==> flow/design.v <==
module addsub #(
   parameter W = 18
) (
   input  wire aclk,
   input  wire i_rst_n,
   input  wire [W-1:0] A,
   input  wire op,
   input  wire start,
   output wire [W-1:0] dout
);
   reg [W-1:0] A_reg;
   reg op_reg;
   reg start_reg;
   reg [W-1:0] cnt;
   always @(posedge aclk or negedge i_rst_n) begin
      if (~i_rst_n) begin
         A_reg <= 0;
         op_reg <= 1'b0;
         start_reg <= 1'b0;
         cnt <= 0;
      end else begin
         A_reg <= A;
         op_reg <= op;
         start_reg <= start;
         cnt <= start_reg ? A_reg : op_reg ? cnt - A_reg : cnt + A_reg;
      end
   end
   assign dout = cnt;
endmodule
==> Reports on addsub <==
The steps from the RTL of addsub to its reports follow in flow order.
Lines are those of the file above, counted from 1.
Operators carry their Yosys type and port widths (W data, S select, Z words).
Cell names lack the library's common part.
{ "setup": {"top_module": "addsub", "clk_port": "aclk", "lib": "sky130hd", "lib_corner": "tt_025C_1v80"} }

==> After elaboration <==
Yosys after proc, flatten, opt, wreduce and memory -nomap, before mapping. Enables and synchronous resets that opt folds into registers are not counted as muxes. Memory bits, and registers merged into a memory's read port (data or address), are not among the register bits. Print and check cells are not counted. Equal cells are merged and count once.
{ "word_totals": {"regBits": 38, "inputBits": 22, "out_inout_bits": 18, "elab_cells": 8} }
{ "op_classes": {"addsub": 2, "mux": 2} }
{ "ops": {"columns": ["cell", "count"], "rows": [
  ["$mux W18", 2],
  ["$add A18 B18 Y18", 1],
  ["$sub A18 B18 Y18", 1]
]} }

==> Longest topological paths <==
Depth = most cells in a row (Yosys ltp): at word level without a register or memory, in the mapped netlist without a sequential cell, where the memories' decode and read muxes count.
{ "logic_depth": {"ltp_word": 3, "ABC_AREA": 1, "mapped_depth": 21} }

==> Synthesis result <==
The flow's flattened synthesis, as Yosys stat reports it; memories are mapped. The netlist is that of the ABC_AREA named above (0 if unset); the other value can give another one.
The area totals of this step are shown rounded.
{ "synth_totals": {"stdcells": 345, "yosys_area_um2": 2600, "flip_flops": 38} }
{ "by_type": {"columns": ["cell", "count", "area_total_um2"], "rows": [
  ["dfrtp_1", 38, 950.912],
  ["nand2_1", 96, 360.346],
  ["ha_1", 18, 225.216],
  ["inv_1", 44, 165.158],
  ["xor2_1", 15, 131.376],
  ["nand3_1", 21, 105.101],
  ["nor2_1", 28, 105.101],
  ["a21oi_1", 17, 85.082],
  ["o21ai_0", 15, 75.072],
  ["o21ai_2", 5, 43.792],
  ["xnor2_1", 5, 43.792],
  ["nand2_2", 6, 37.536],
  ["nor2_2", 6, 37.536],
  ["nand3b_1", 4, 30.029],
  ["o21ai_1", 5, 25.024],
  ["buf_6", 2, 22.522],
  ["fa_1", 1, 20.019],
  ["nor4_1", 2, 12.512]
]} }
Other cell types: 14; their cells: 17.

==> Timing after synthesis <==
OpenSTA on the mapped netlist: ideal clock, no wires. The path of least setup slack (recovery checks aside). Input and output delay are each 20% of the period. Register names are those of the netlist, which keeps one name where synthesis merged equal registers.
{ "synth_path": {"path_type": "flip-flop to flip-flop", "startpoint": "register A_reg[0]", "endpoint": "register cnt[16]", "period_ns": 3.75, "setup_ns": 0.117, "t_first_pin_ns": 0.000, "t_arrival_ns": 2.264, "slack_ns": 1.369, "delay_ns": 2.381, "path_stages": 19, "path_buffers": 0, "synth_period_reached_ns": 2.381} }
"delay_ns" is the arrival time less input delay plus setup time.
"path_stages" counts driving pins, that of a launching flip-flop among them; a cell with two outputs on the path counts twice.
"synth_period_reached_ns" = period - worst setup slack (recovery checks aside). The figure is calculated, with input and output delays left at 20% of the set period.
The rows between start and end are the longest chain of elaborated cells between them; the timing report does not say that the signal goes this way. Where chains are equally long, one stands for them.
Each line given opens the expression or statement behind the cell; cells for indexed reads and writes are added by Yosys, which also makes memories of some case tables.
{ "synth_between": {"path_cell_list": "dfrtp_1 > inv_1 > ha_1 > nand2_2 > nor2_1 > nand3_1 > nand2_1 > nand2_2 > a21oi_2 > xnor2_1 > inv_1 > ha_1 > nand2_1 > nor4_1 > nand2_1 > nand2_1 > nand2_1 > nand3_1 > nand2_1", "elab_chain_cells": 3, "cone_cells": 4, "cone_lines": 1, "cone_classes": "add/sub (2); mux (2)"} }
{ "synth_lines": {"columns": ["element", "line", "source"], "rows": [
  ["start, declared", 11, "reg [W-1:0] A_reg;"],
  ["start, assigned", 17, "A_reg <= 0;"],
  ["start, assigned", 22, "A_reg <= A;"],
  ["$add A18 B18 Y18", 25, "cnt <= start_reg ? A_reg : op_reg ? cnt - A_reg : cnt + A_reg;"],
  ["$mux W18 x2", 25, null],
  ["end, assigned", 20, "cnt <= 0;"],
  ["end, assigned", 25, null],
  ["end, declared", 14, "reg [W-1:0] cnt;"]
]} }

==> Path in the finished layout <==
From the final timing report of flow run A: the path of least setup slack in the routed layout; clock arrival at registers is part of the times.
{ "layout_path": {"path_type": "flip-flop to flip-flop", "startpoint": "register A_reg[0]", "endpoint": "register cnt[14]", "period_ns": 3.23, "setup_ns": 0.09, "t_first_pin_ns": 0.28, "t_arrival_ns": 2.95, "slack_ns": 0.48, "path_stages": 18, "path_buffers": 0} }
The rows between start and end are the longest chain of elaborated cells between them; the timing report does not say that the signal goes this way. Where chains are equally long, one stands for them.
{ "layout_between": {"path_cell_list": "dfrtp_1 > inv_1 > ha_1 > nand2_2 > nor2_1 > nand3_1 > nand2_1 > nand2_2 > nor2_4 > xor2_1 > ha_1 > nand2_1 > o21ai_0 > a21oi_1 > nand3_1 > nand2_1 > nor2_1 > nor2_1", "elab_chain_cells": 3, "cone_cells": 4, "cone_lines": 1, "cone_classes": "add/sub (2); mux (2)"} }
{ "layout_lines": {"columns": ["element", "line", "source"], "rows": [
  ["start, declared", 11, "reg [W-1:0] A_reg;"],
  ["start, assigned", 17, "A_reg <= 0;"],
  ["start, assigned", 22, "A_reg <= A;"],
  ["$add A18 B18 Y18", 25, "cnt <= start_reg ? A_reg : op_reg ? cnt - A_reg : cnt + A_reg;"],
  ["$mux W18 x2", 25, null],
  ["end, assigned", 20, "cnt <= 0;"],
  ["end, assigned", 25, null],
  ["end, declared", 14, "reg [W-1:0] cnt;"]
]} }

Below are 3 stored runs of the flow (Yosys, OpenROAD; platform sky130hd) on addsub, each with its settings and what was measured, unordered. Constraints: input delay and output delay 20% of the set period each, output load 0.01 pF.
"achievedPeriod_ns" = clock period - worst setup slack. The figure is calculated, with input and output delays left at 20% of the set period.
"worst_setup_path_time_ns" = time allowed to the worst setup path (clock period - input delay - output delay, where it has them) - its slack; a late launch clock adds to it, a late capture clock takes from it.
"design_power_w" is the tool's figure for a default switching activity; nothing was simulated.
The measured numbers are rounded.

Flow run A
==> flow/run.sh <==
#!/bin/bash
# the make line also repeats the synthesis and layout settings of config.mk as NAME=value (left out here)
make -C /OpenROAD-flow-scripts/flow DESIGN_CONFIG=/design/flow/config.mk WORK_HOME=/design/flow/orfs CLKGATE_MAP_FILE= finish
==> flow/config.mk <==
export PLATFORM = sky130hd
export DESIGN_NAME = addsub
export DESIGN_NICKNAME = addsub
export VERILOG_FILES = /design/flow/design.v
export SDC_FILE = /design/flow/constraint.sdc
export NUM_CORES = 4
export LEC_CHECK = 0
export ABC_AREA = 1
export CAP_MARGIN = 20
export CORE_ASPECT_RATIO = 1.59
export CORE_MARGIN = 9
export CORE_UTILIZATION = 32
export CTS_CLUSTER_SIZE = 64
export GPL_TIMING_DRIVEN = 0
export MIN_ROUTING_LAYER = met1
export PLACE_DENSITY = 0.69
export SETUP_SLACK_MARGIN = -0.1
export SLEW_MARGIN = 20
export TNS_END_PERCENT = 80
==> flow/constraint.sdc <==
create_clock -name core_clock -period 3.23 [get_ports {aclk}]
set_input_delay 0.6460 -clock core_clock [delete_from_list [all_inputs] [get_ports {aclk}]]
set_output_delay 0.6460 -clock core_clock [all_outputs]
set_load 0.01 [all_outputs]

==> results of flow run A, as JSON <==
{
  "synth_chip_area_um2": 2600,
  "die_footprint_um2": 12000,
  "final_cell_area_um2": 3300,
  "post_route_util_pct": 42,
  "fin_ws_ns": 0.48,
  "tns_ns": 0.000,
  "design_power_w": 0.0025,
  "achievedPeriod_ns": 2.747,
  "worst_setup_path_time_ns": 2.75,
  "worst_setup_path_type": "flip-flop to flip-flop"
}

Flow run B
==> flow/run.sh <==
#!/bin/bash
# the make line also repeats the synthesis and layout settings of config.mk as NAME=value (left out here)
make -C /OpenROAD-flow-scripts/flow DESIGN_CONFIG=/design/flow/config.mk WORK_HOME=/design/flow/orfs CLKGATE_MAP_FILE= finish
==> flow/config.mk <==
export PLATFORM = sky130hd
export DESIGN_NAME = addsub
export DESIGN_NICKNAME = addsub
export VERILOG_FILES = /design/flow/design.v
export SDC_FILE = /design/flow/constraint.sdc
export NUM_CORES = 4
export LEC_CHECK = 0
export CAP_MARGIN = 5
export CELL_PAD_IN_SITES_DETAIL_PLACEMENT = 0
export CELL_PAD_IN_SITES_GLOBAL_PLACEMENT = 3
export CORE_MARGIN = 2
export CORE_UTILIZATION = 28
export PLACE_DENSITY_LB_ADDON = 0.26
export SETUP_SLACK_MARGIN = -0.18
export SLEW_MARGIN = 30
export TNS_END_PERCENT = 95
==> flow/constraint.sdc <==
create_clock -name core_clock -period 4.46 [get_ports {aclk}]
set_input_delay 0.8920 -clock core_clock [delete_from_list [all_inputs] [get_ports {aclk}]]
set_output_delay 0.8920 -clock core_clock [all_outputs]
set_load 0.01 [all_outputs]

==> results of flow run B, as JSON <==
{
  "synth_chip_area_um2": 2400,
  "die_footprint_um2": 9200,
  "final_cell_area_um2": 3000,
  "post_route_util_pct": 36,
  "fin_ws_ns": 0.99,
  "tns_ns": 0.000,
  "design_power_w": 0.0016,
  "achievedPeriod_ns": 3.470,
  "worst_setup_path_time_ns": 3.47,
  "worst_setup_path_type": "flip-flop to flip-flop"
}

Flow run C
==> flow/run.sh <==
#!/bin/bash
# the make line also repeats the synthesis and layout settings of config.mk as NAME=value (left out here)
make -C /OpenROAD-flow-scripts/flow DESIGN_CONFIG=/design/flow/config.mk WORK_HOME=/design/flow/orfs CLKGATE_MAP_FILE= finish
==> flow/config.mk <==
export PLATFORM = sky130hd
export DESIGN_NAME = addsub
export DESIGN_NICKNAME = addsub
export VERILOG_FILES = /design/flow/design.v
export SDC_FILE = /design/flow/constraint.sdc
export NUM_CORES = 4
export LEC_CHECK = 0
export CAP_MARGIN = 20
export CORE_MARGIN = 2
export CORE_UTILIZATION = 40
export SLEW_MARGIN = 20
==> flow/constraint.sdc <==
create_clock -name core_clock -period 3.75 [get_ports {aclk}]
set_input_delay 0.7500 -clock core_clock [delete_from_list [all_inputs] [get_ports {aclk}]]
set_output_delay 0.7500 -clock core_clock [all_outputs]
set_load 0.01 [all_outputs]

==> results of flow run C, as JSON <==
{
  "synth_chip_area_um2": 2400,
  "die_footprint_um2": 6600,
  "final_cell_area_um2": 3000,
  "post_route_util_pct": 51,
  "fin_ws_ns": 0.46,
  "tns_ns": 0.000,
  "design_power_w": 0.002,
  "achievedPeriod_ns": 3.294,
  "worst_setup_path_time_ns": 3.29,
  "worst_setup_path_type": "flip-flop to flip-flop"
}
